==> flow/design.v <==
module alu_mux_top #(
  parameter integer DW = 12,
  parameter integer N = 16,
  parameter integer SW = $clog2(N)
) (
  input  logic aclk,
  input  logic enable,
  input  logic [N*DW-1:0] ch_i,
  input  logic [SW-1:0] s_i,
  output logic [DW-1:0] z_o_o
);
  wire [DW-1:0] arr [0:N-1];
  generate
    for (genvar g = 0; g < N; g++) begin : gen
      assign arr[g] = ch_i[g*DW +: DW];
    end
  endgenerate
  always_ff @(posedge aclk) begin
    if (enable) begin
      z_o_o <= arr[s_i];
    end
  end
endmodule
### Reports on alu_mux_top

Tool output for the design above, in the order of the flow.
Lines are those of the file above, counted from 1.
Operators: Yosys type, input widths -> output width; for muxes data width and select width s.
Cell names lack the library's common part.
A cell with -- has no value.

* top: alu_mux_top
* clock input: aclk
* cell library: sky130hd
* timing corner: tt_025C_1v80

### Word-level counts

Counts by Yosys on the flattened word-level netlist (proc, flatten, opt, wreduce; memories kept). Register bits leave out memories and registers merged into their read ports (data or address). Print and check cells are left out. Cells with the same type and inputs are merged into one.

* bits in registers: 12
* input bits: 198
* output and inout port bits: 12
* cells after elaboration: 18

* equality and inequality tests: 15
* muxes and demuxes: 1
* reduce/logical cells: 1

Operators with widths (number)
* $pmux 12 s16: 1
* $eq 4x4->1 const B: 8
* $eq 4x3->1 const B: 4
* $eq 4x2->1 const B: 2
* $eq 4x1->1 const B: 1
* $logic_not 4->1: 1

### Depth

Longest topological path by Yosys (ltp), each cell counted once; first at word level (registers and memories cut), then after technology mapping (sequential cells cut; the memories' decode and read muxes count).

* word-level depth: 2
* ABC_AREA: 0
* depth in mapped cells: 7
* depth with buffers taken out: 4

### After synthesis

The flow's flattened synthesis, as Yosys stat reports it; memories are mapped. The netlist is that of the ABC_AREA named above (0 if unset); the other value can give another one.
Totals and module areas in this step are rounded.

Cell types
* edfxtp_1: number 12, area in all 360.346 um^2
* mux2i_1: number 20, area in all 200.192 um^2
* a221o_1: number 16, area in all 160.154 um^2
* a21oi_1: number 30, area in all 150.144 um^2
* a22o_1: number 11, area in all 96.342 um^2
* nor2b_1: number 15, area in all 93.84 um^2
* buf_2: number 17, area in all 85.082 um^2
* nor2_1: number 22, area in all 82.579 um^2
* a31oi_1: number 13, area in all 81.328 um^2
* a2bb2oi_1: number 9, area in all 78.826 um^2
* a22oi_1: number 10, area in all 75.072 um^2
* nand3b_1: number 9, area in all 67.565 um^2
* o22ai_1: number 10, area in all 62.56 um^2
* a211oi_1: number 8, area in all 60.058 um^2
* mux2_2: number 5, area in all 56.304 um^2
* inv_1: number 13, area in all 48.797 um^2
* buf_4: number 6, area in all 45.043 um^2
* buf_6: number 4, area in all 45.043 um^2

Other cell types: 29; their cells: 52.

* cells in the netlist: 282
* cell area after synthesis: 2200 um^2
* sequential area: 360 um^2
* flip-flops: 12
* buffers: 30

### Path before layout

OpenSTA on the mapped netlist: ideal clock, no wires. The path of least setup slack (recovery checks aside). Input and output delay are each 20% of the period. Register names are those of the netlist, which keeps one name where synthesis merged equal registers.

* path type: in2reg
* start: in s_i[1]
* end: reg z_o_o[10]
* period: 1.98 ns
* external input delay: 0.396 ns
* setup time: 0.261 ns
* launch time at the first pin: 0.396 ns
* data arrival time: 1.403 ns
* required time: 1.719 ns
* slack: 0.317 ns
* path delay: 1.268 ns
* stages: 6
* buffers on the path: 2
* synthesis period reached: 1.663 ns

"path delay" = arrival - input delay + setup time.
"stages" counts driving pins, that of a launching flip-flop among them; a cell with two outputs on the path counts twice.
"synthesis period reached" = period - worst setup slack (recovery checks aside). The figure is calculated, with input and output delays left at 20% of the set period.
The rows between start and end are the longest chain of elaborated cells between them; the timing report does not say that the signal goes this way. Where chains are equally long, one stands for them.
Each line given opens the expression or statement behind the cell; cells for indexed reads and writes are added by Yosys, which also makes memories of some case tables.

* path through: buf_6 > and3b_1 > buf_2 > a22oi_1 > o2111ai_1 > o32a_1
* length of the longest elaborated chain: 2
* elaborated cells between the ends (all ways): 17
* RTL lines with such cells: 1
* those cells by class: eq/ne: 15; mux: 1; reduce/logical: 1

Ends and longest elaborated chain, after synthesis
* start, declared: RTL line 9 `input  logic [SW-1:0] s_i,`
* $eq 4x4->1: RTL line 20 `z_o_o <= arr[s_i];`
* $pmux 12 s16: RTL line 20
* end, assigned: RTL line 20
* end, declared: RTL line 10 `output logic [DW-1:0] z_o_o`

### Path in the finished layout

Path of least setup slack in the final report of stored run 2 (OpenROAD, finished layout, wires in). Where an end is a register, its clock arrival counts in the times.

* path type: in2reg
* start: in s_i[1]
* end: reg z_o_o[1]
* period: 1.98 ns
* external input delay: 0.40 ns
* setup time: 0.18 ns
* launch time at the first pin: 0.40 ns
* data arrival time: 1.86 ns
* required time: 2.04 ns
* slack: 0.18 ns
* stages: 7
* buffers on the path: 3

The rows between start and end are the longest chain of elaborated cells between them; the timing report does not say that the signal goes this way. Where chains are equally long, one stands for them.

* path through: buf_2 > buf_4 > nor2b_1 > buf_4 > a22o_1 > a21oi_1 > a31oi_1
* length of the longest elaborated chain: 2
* elaborated cells between the ends (all ways): 17
* RTL lines with such cells: 1
* those cells by class: eq/ne: 15; mux: 1; reduce/logical: 1

Ends and longest elaborated chain, post-layout
* start, declared: RTL line 9 `input  logic [SW-1:0] s_i,`
* $eq 4x4->1: RTL line 20 `z_o_o <= arr[s_i];`
* $pmux 12 s16: RTL line 20
* end, assigned: RTL line 20
* end, declared: RTL line 10 `output logic [DW-1:0] z_o_o`

Design alu_mux_top on sky130hd. What follows are 3 stored runs of the flow, each under its own settings; their order means nothing. The constraints put input and output delay at 20% of the set period each and load the outputs with 0.01 pF.
"reached clock period" means the clock period less the worst setup slack. The figure is calculated, with input and output delays left at 20% of the set period.
By "critical path time" is meant the share of the clock period that the worst setup path is allowed (20% is reserved at inputs, 20% at outputs), minus its slack. Clock arrival times at its registers enter into it.
"total power of the final layout" rests on the timing tool's default activity at the inputs, not on a simulated workload.
Results are given in rounded form.

### Stored run 1

==> flow/run.sh <==
#!/bin/bash
# the make line also repeats the synthesis and layout settings of config.mk as NAME=value (left out here)
make -C /OpenROAD-flow-scripts/flow DESIGN_CONFIG=/design/flow/config.mk WORK_HOME=/design/flow/orfs CLKGATE_MAP_FILE= finish
==> flow/config.mk <==
export PLATFORM = sky130hd
export DESIGN_NAME = alu_mux_top
export DESIGN_NICKNAME = alu_mux_top
export VERILOG_FILES = /design/flow/design.v
export SDC_FILE = /design/flow/constraint.sdc
export NUM_CORES = 4
export LEC_CHECK = 0
export CAP_MARGIN = 20
export CORE_ASPECT_RATIO = 0.96
export CORE_MARGIN = 7
export CORE_UTILIZATION = 39
export CTS_CLUSTER_DIAMETER = 100
export CTS_CLUSTER_SIZE = 23
export GPL_TIMING_DRIVEN = 0
export PLACE_DENSITY = 0.8
export SETUP_SLACK_MARGIN = -0.09
export SLEW_MARGIN = 20
export TNS_END_PERCENT = 80
==> flow/constraint.sdc <==
create_clock -name core_clock -period 1.15 [get_ports {aclk}]
set_input_delay 0.2300 -clock core_clock [delete_from_list [all_inputs] [get_ports {aclk}]]
set_output_delay 0.2300 -clock core_clock [all_outputs]
set_load 0.01 [all_outputs]

Outcome of stored run 1: did not finish, routing stopped with DPL-0038

### Stored run 2

==> flow/run.sh <==
#!/bin/bash
# the make line also repeats the synthesis and layout settings of config.mk as NAME=value (left out here)
make -C /OpenROAD-flow-scripts/flow DESIGN_CONFIG=/design/flow/config.mk WORK_HOME=/design/flow/orfs CLKGATE_MAP_FILE= finish
==> flow/config.mk <==
export PLATFORM = sky130hd
export DESIGN_NAME = alu_mux_top
export DESIGN_NICKNAME = alu_mux_top
export VERILOG_FILES = /design/flow/design.v
export SDC_FILE = /design/flow/constraint.sdc
export NUM_CORES = 4
export LEC_CHECK = 0
export CAP_MARGIN = 20
export CORE_MARGIN = 2
export CORE_UTILIZATION = 40
export SLEW_MARGIN = 20
==> flow/constraint.sdc <==
create_clock -name core_clock -period 1.98 [get_ports {aclk}]
set_input_delay 0.3960 -clock core_clock [delete_from_list [all_inputs] [get_ports {aclk}]]
set_output_delay 0.3960 -clock core_clock [all_outputs]
set_load 0.01 [all_outputs]

Results of stored run 2:
- Critical path time: 1.41 ns
- Kind of the worst setup path: in2reg
- Worst slack on setup checks: 0.18 ns
- Utilization of the finished layout: 86%
- Reached clock period: 1.802 ns
- Post-route worst hold slack: 0.81 ns
- Area inside the die boundary: 6200 um^2
- Summed negative setup slack: 0.000 ns
- Post-synthesis cell area: 2200 um^2
- Total power of the final layout: 1500 uW
- Std-cell area (final layout): 4700 um^2

### Stored run 3

==> flow/run.sh <==
#!/bin/bash
# the make line also repeats the synthesis and layout settings of config.mk as NAME=value (left out here)
make -C /OpenROAD-flow-scripts/flow DESIGN_CONFIG=/design/flow/config.mk WORK_HOME=/design/flow/orfs CLKGATE_MAP_FILE= finish
==> flow/config.mk <==
export PLATFORM = sky130hd
export DESIGN_NAME = alu_mux_top
export DESIGN_NICKNAME = alu_mux_top
export VERILOG_FILES = /design/flow/design.v
export SDC_FILE = /design/flow/constraint.sdc
export NUM_CORES = 4
export LEC_CHECK = 0
export CAP_MARGIN = 20
export CELL_PAD_IN_SITES_DETAIL_PLACEMENT = 2
export CELL_PAD_IN_SITES_GLOBAL_PLACEMENT = 3
export CORE_ASPECT_RATIO = 0.65
export CORE_MARGIN = 5
export CORE_UTILIZATION = 70
export CTS_CLUSTER_DIAMETER = 364
export CTS_CLUSTER_SIZE = 88
export GPL_TIMING_DRIVEN = 1
export MAX_ROUTING_LAYER = met4
export PLACE_DENSITY_LB_ADDON = 0.27
export SETUP_SLACK_MARGIN = 0.09
export SLEW_MARGIN = 15
export TNS_END_PERCENT = 45
==> flow/constraint.sdc <==
create_clock -name core_clock -period 1.2 [get_ports {aclk}]
set_input_delay 0.2400 -clock core_clock [delete_from_list [all_inputs] [get_ports {aclk}]]
set_output_delay 0.2400 -clock core_clock [all_outputs]
set_load 0.01 [all_outputs]

Outcome of stored run 3: did not finish, placement stopped with FLW-0024
